==> flow/design.v <==
module cpu_summer_stage #(
    parameter DWIDTH = 4
) (
    input  logic sys_clk,
    input  logic nrst,
    input  logic [DWIDTH-1:0] rs1_i,
    input  logic [DWIDTH-1:0] rs2_i,
    output logic [DWIDTH-1:0] o_o
);
    logic [DWIDTH-1:0] rs1_s;
    logic [DWIDTH-1:0] rs2_s;
    always_ff @(posedge sys_clk) begin
        if (~nrst) begin
            rs1_s <= 0;
            rs2_s <= 0;
        end else begin
            rs1_s <= rs1_i;
            rs2_s <= rs2_i;
        end
    end
    logic [DWIDTH:0] work;
    assign work = rs1_s + rs2_s;
    always_ff @(posedge sys_clk) begin
        if (~nrst) begin
            o_o <= 0;
        end else begin
            o_o <= work[DWIDTH] ? {DWIDTH{1'b1}} : work[DWIDTH-1:0];
        end
    end
endmodule
; ---- Reports on cpu_summer_stage
; Tool output for the members of one design family, told apart by "DWIDTH", in the order of the flow.
; The RTL above is that of DWIDTH = 4; lines are counted from 1 in the file of the member named.
; A cell with -- has no value.
[inputs]
design = cpu_summer_stage
clock = sys_clk
library = sky130hd
pvt_corner = tt_025C_1v80

; ---- Source of the members
; Lines of each other member's file that are new or changed against the file above; lines that a member lacks are not shown.
[changed_lines]
columns = DWIDTH, line_no
row1 = 14, 2  ; parameter DWIDTH = 14
row2 = 40, 2  ; parameter DWIDTH = 40
row3 = 48, 2  ; parameter DWIDTH = 48

; ---- Word-level counts
; Counts by Yosys on the flattened word-level netlist (proc, flatten, opt, wreduce; memories kept). Register bits leave out memories and registers merged into their read ports (data or address); mux counts leave out enables and synchronous resets folded into registers. Print and check cells are left out. Cells with the same type and inputs are merged into one.
[word_totals]
columns = DWIDTH, in_bits, output_inout_bits, wordCells, regBits
row1 = 4, 10, 4, 5, 12
row2 = 14, 30, 14, 5, 42
row3 = 40, 82, 40, 5, 120
row4 = 48, 98, 48, 5, 144
[op_classes]
columns = DWIDTH, n_mux, add_sub_neg
row1 = 4, 1, 1
row2 = 14, 1, 1
row3 = 40, 1, 1
row4 = 48, 1, 1
[ops]
columns = DWIDTH, op_list
row1 = 4, 1 x adder 4 x 4 -> 5 bit; 1 x two-way mux 4 bit
row2 = 14, 1 x adder 14 x 14 -> 15 bit; 1 x two-way mux 14 bit
row3 = 40, 1 x adder 40 x 40 -> 41 bit; 1 x two-way mux 40 bit
row4 = 48, 1 x adder 48 x 48 -> 49 bit; 1 x two-way mux 48 bit

; ---- Depth
; Depth = most cells in a row (Yosys ltp): at word level without a register or memory, in the mapped netlist without a sequential cell, where the memories' decode and read muxes count.
[depth]
columns = DWIDTH, depth_word, ABC_AREA, depth_mapped, depth_no_buf
row1 = 4, 2, 0, 6, 6
row2 = 14, 2, 0, 9, 8
row3 = 40, 2, 0, 14, 12
row4 = 48, 2, 0, 11, 11

; ---- Synthesis result
; The flow's flattened synthesis, as Yosys stat reports it; memories are mapped. The netlist is that of the ABC_AREA named above (0 if unset); the other value can give another one.
[types]
columns = DWIDTH, type_list
row1 = 4, 12 x sky130_fd_sc_hd__dfxtp_1; 8 x sky130_fd_sc_hd__and2_1; 4 x sky130_fd_sc_hd__ha_1; 3 x sky130_fd_sc_hd__o31a_1; 1 x sky130_fd_sc_hd__fa_1; 4 x sky130_fd_sc_hd__inv_1; 2 x sky130_fd_sc_hd__a21oi_1; 1 x sky130_fd_sc_hd__o41ai_1; 1 x sky130_fd_sc_hd__xnor2_1; 1 x sky130_fd_sc_hd__a21boi_0; 1 x sky130_fd_sc_hd__o21a_1; 1 x sky130_fd_sc_hd__nor2b_1; 1 x sky130_fd_sc_hd__nor4_1; 1 x sky130_fd_sc_hd__nor3_1; 1 x sky130_fd_sc_hd__clkbuf_1; 1 x sky130_fd_sc_hd__nand2_1
row2 = 14, 42 x sky130_fd_sc_hd__dfxtp_1; 28 x sky130_fd_sc_hd__and2_1; 14 x sky130_fd_sc_hd__ha_1; 15 x sky130_fd_sc_hd__o21a_1; 6 x sky130_fd_sc_hd__xnor2_1; 6 x sky130_fd_sc_hd__a21o_1; 9 x sky130_fd_sc_hd__a21oi_1; 5 x sky130_fd_sc_hd__xor2_1; 1 x sky130_fd_sc_hd__bufbuf_16; 4 x sky130_fd_sc_hd__and3_1; 3 x sky130_fd_sc_hd__and3_2; 6 x sky130_fd_sc_hd__nand2_1; 1 x sky130_fd_sc_hd__fa_1; 4 x sky130_fd_sc_hd__nor3_1; 1 x sky130_fd_sc_hd__o221a_4; 5 x sky130_fd_sc_hd__nor2_1; 1 x sky130_fd_sc_hd__a2111oi_2; 2 x sky130_fd_sc_hd__o31ai_1; (+20)
row3 = 40, 120 x sky130_fd_sc_hd__dfxtp_1; 83 x sky130_fd_sc_hd__and2_1; 40 x sky130_fd_sc_hd__ha_1; 39 x sky130_fd_sc_hd__o21a_1; 37 x sky130_fd_sc_hd__a21oi_1; 19 x sky130_fd_sc_hd__xor2_1; 21 x sky130_fd_sc_hd__a21o_1; 14 x sky130_fd_sc_hd__xnor2_1; 29 x sky130_fd_sc_hd__nand2_1; 22 x sky130_fd_sc_hd__clkbuf_1; 20 x sky130_fd_sc_hd__nor2_1; 13 x sky130_fd_sc_hd__o21ai_0; 7 x sky130_fd_sc_hd__a211oi_1; 4 x sky130_fd_sc_hd__a211oi_2; 10 x sky130_fd_sc_hd__nand3_1; 3 x sky130_fd_sc_hd__a21oi_4; 4 x sky130_fd_sc_hd__o21ai_2; 5 x sky130_fd_sc_hd__a31oi_1; (+73)
row4 = 48, 144 x sky130_fd_sc_hd__dfxtp_1; 102 x sky130_fd_sc_hd__and2_1; 48 x sky130_fd_sc_hd__ha_1; 48 x sky130_fd_sc_hd__o21a_1; 58 x sky130_fd_sc_hd__a21oi_1; 24 x sky130_fd_sc_hd__xnor2_1; 21 x sky130_fd_sc_hd__a21o_1; 17 x sky130_fd_sc_hd__xor2_1; 38 x sky130_fd_sc_hd__nand2_1; 26 x sky130_fd_sc_hd__o21ai_0; 30 x sky130_fd_sc_hd__nor2_1; 24 x sky130_fd_sc_hd__clkbuf_1; 13 x sky130_fd_sc_hd__nand4_1; 12 x sky130_fd_sc_hd__a31oi_1; 8 x sky130_fd_sc_hd__o21bai_1; 8 x sky130_fd_sc_hd__nor2b_1; 10 x sky130_fd_sc_hd__nor3_1; 6 x sky130_fd_sc_hd__a211oi_1; (+80)
; A list marked (+n) leaves out that many cells.
[synth_totals]
columns = DWIDTH, cell_count, flip_flops, n_buf, area_um2, seq_area_um2
row1 = 4, 43, 12, 1, 469.2, 240.2
row2 = 14, 173, 42, 6, 1845.5, 840.8
row3 = 40, 563, 120, 28, 5514.0, 2402.3
row4 = 48, 717, 144, 33, 6722.7, 2882.8

; ---- Path before layout
; OpenSTA on the mapped netlist: ideal clock, no wires. The path of least setup slack (recovery checks aside). Input and output delay are each 20% of the period. Register names are those of the netlist, which keeps one name where synthesis merged equal registers.
[synth_timing]
columns = DWIDTH, path_kind, from, to, setup_slack_ns, path_stages, clock_period_ns, path_delay_ns, synth_period_reached_ns
row1 = 4, register to register, register rs1_s[0], register o_o[2], 0.338, 6, 1.7, 1.362, 1.362
row2 = 14, register to register, register rs1_s[0], register o_o[6], 0.536, 10, 2.68, 2.145, 2.144
row3 = 40, register to register, register rs1_s[0], register o_o[16], 0.717, 15, 3.56, 2.844, 2.843
row4 = 48, register to register, register rs1_s[0], register o_o[44], 0.671, 12, 3.35, 2.679, 2.679
; "path_delay_ns" = arrival - input delay + setup time.
; "path_stages": output pins that drive a net of the path, with the launching flip-flop's if there is one; two outputs of one cell count as two.
; "synth_period_reached_ns" = period - worst setup slack (recovery checks aside). The figure is calculated, with input and output delays left at 20% of the set period.
; Between the ends stands the longest chain of elaborated cells between them, by number of cells; it is not shown to be the way that was timed. Of several equally long chains one is given.
; A line is the first line of the expression or statement that the cell stems from. Yosys adds cells for indexed reads and writes and turns some case tables into memories.
[synth_via_DWIDTH_4]
elab_chain_cells = 2
[synth_rtl_DWIDTH_4]
columns = item, line_no
row1 = "start, declared", 10  ; logic [DWIDTH-1:0] rs1_s;
row2 = "start, assigned", 14  ; rs1_s <= 0;
row3 = "start, assigned", 17  ; rs1_s <= rs1_i;
row4 = adder 4 x 4 -> 5 bit, 22  ; assign work = rs1_s + rs2_s;
row5 = two-way mux 4 bit, 27  ; o_o <= work[DWIDTH] ? {DWIDTH{1'b1}} : work[DWIDTH-1:0];
row6 = "end, assigned", 25  ; o_o <= 0;
row7 = "end, assigned", 27
row8 = "end, declared", 8  ; output logic [DWIDTH-1:0] o_o
[synth_via_DWIDTH_48]
elab_chain_cells = 2
[synth_rtl_DWIDTH_48]
columns = item, line_no
row1 = "start, declared", 10  ; logic [DWIDTH-1:0] rs1_s;
row2 = "start, assigned", 14  ; rs1_s <= 0;
row3 = "start, assigned", 17  ; rs1_s <= rs1_i;
row4 = adder 48 x 48 -> 49 bit, 22  ; assign work = rs1_s + rs2_s;
row5 = two-way mux 48 bit, 27  ; o_o <= work[DWIDTH] ? {DWIDTH{1'b1}} : work[DWIDTH-1:0];
row6 = "end, assigned", 25  ; o_o <= 0;
row7 = "end, assigned", 27
row8 = "end, declared", 8  ; output logic [DWIDTH-1:0] o_o

; ---- Path in the finished layout
; Path of least setup slack in the final report of the run of each member (OpenROAD, finished layout, wires in). Where an end is a register, its clock arrival counts in the times.
[layout_timing]
columns = DWIDTH, path_kind, from, to, arrival_ns, clock_period_ns, setup_slack_ns, path_stages, n_path_buf
row1 = 4, register to register, register rs1_s[0], register o_o[2], 1.59, 1.7, 0.26, 6, 0
row2 = 14, register to register, register rs1_s[0], register o_o[4], 2.42, 2.68, 0.44, 9, 0
row3 = 40, register to register, register rs1_s[0], register o_o[11], 3.54, 3.56, 0.31, 14, 1
row4 = 48, register to register, register rs1_s[0], register o_o[4], 3.43, 3.35, 0.22, 12, 1

; ---- Layout results
; Settings and results of one run of the flow (Yosys, OpenROAD) for each member follow. The constraints put input and output delay at 20% of the set period each and load the outputs with 0.01 pF.
[settings]
CAP_MARGIN = 20
CORE_MARGIN = 2
CORE_UTILIZATION = 40
SLEW_MARGIN = 20
[settings_diff]
columns = DWIDTH, period_ns
row1 = 4, 1.7
row2 = 14, 2.68
row3 = 40, 3.56
row4 = 48, 3.35
[measured]
columns = DWIDTH, design_die_area_um2, layout_stdcell_area_um2, util_frac, tns_ns, achieved_period_ns, synth_area_um2, final_hold_ws_ns, final_power_w, worst_setup_slack_ns
row1 = 4, 1463.1, 656.9, 0.599, 0.000, 1.444, 469.2, 0.581, 0.0006115, 0.256
row2 = 14, 5173.2, 2356.0, 0.534, 0.000, 2.240, 1845.5, 0.583, 0.001294, 0.440
row3 = 40, 14740.4, 7383.3, 0.553, 0.000, 3.245, 5514.0, 0.560, 0.003622, 0.315
row4 = 48, 17859.6, 8987.4, 0.544, 0.000, 3.125, 6722.7, 0.566, 0.004498, 0.225
; "achieved_period_ns" means the clock period less the worst setup slack. The figure is calculated, with input and output delays left at 20% of the set period.
; "final_power_w" rests on the timing tool's default activity at the inputs, not on a simulated workload.
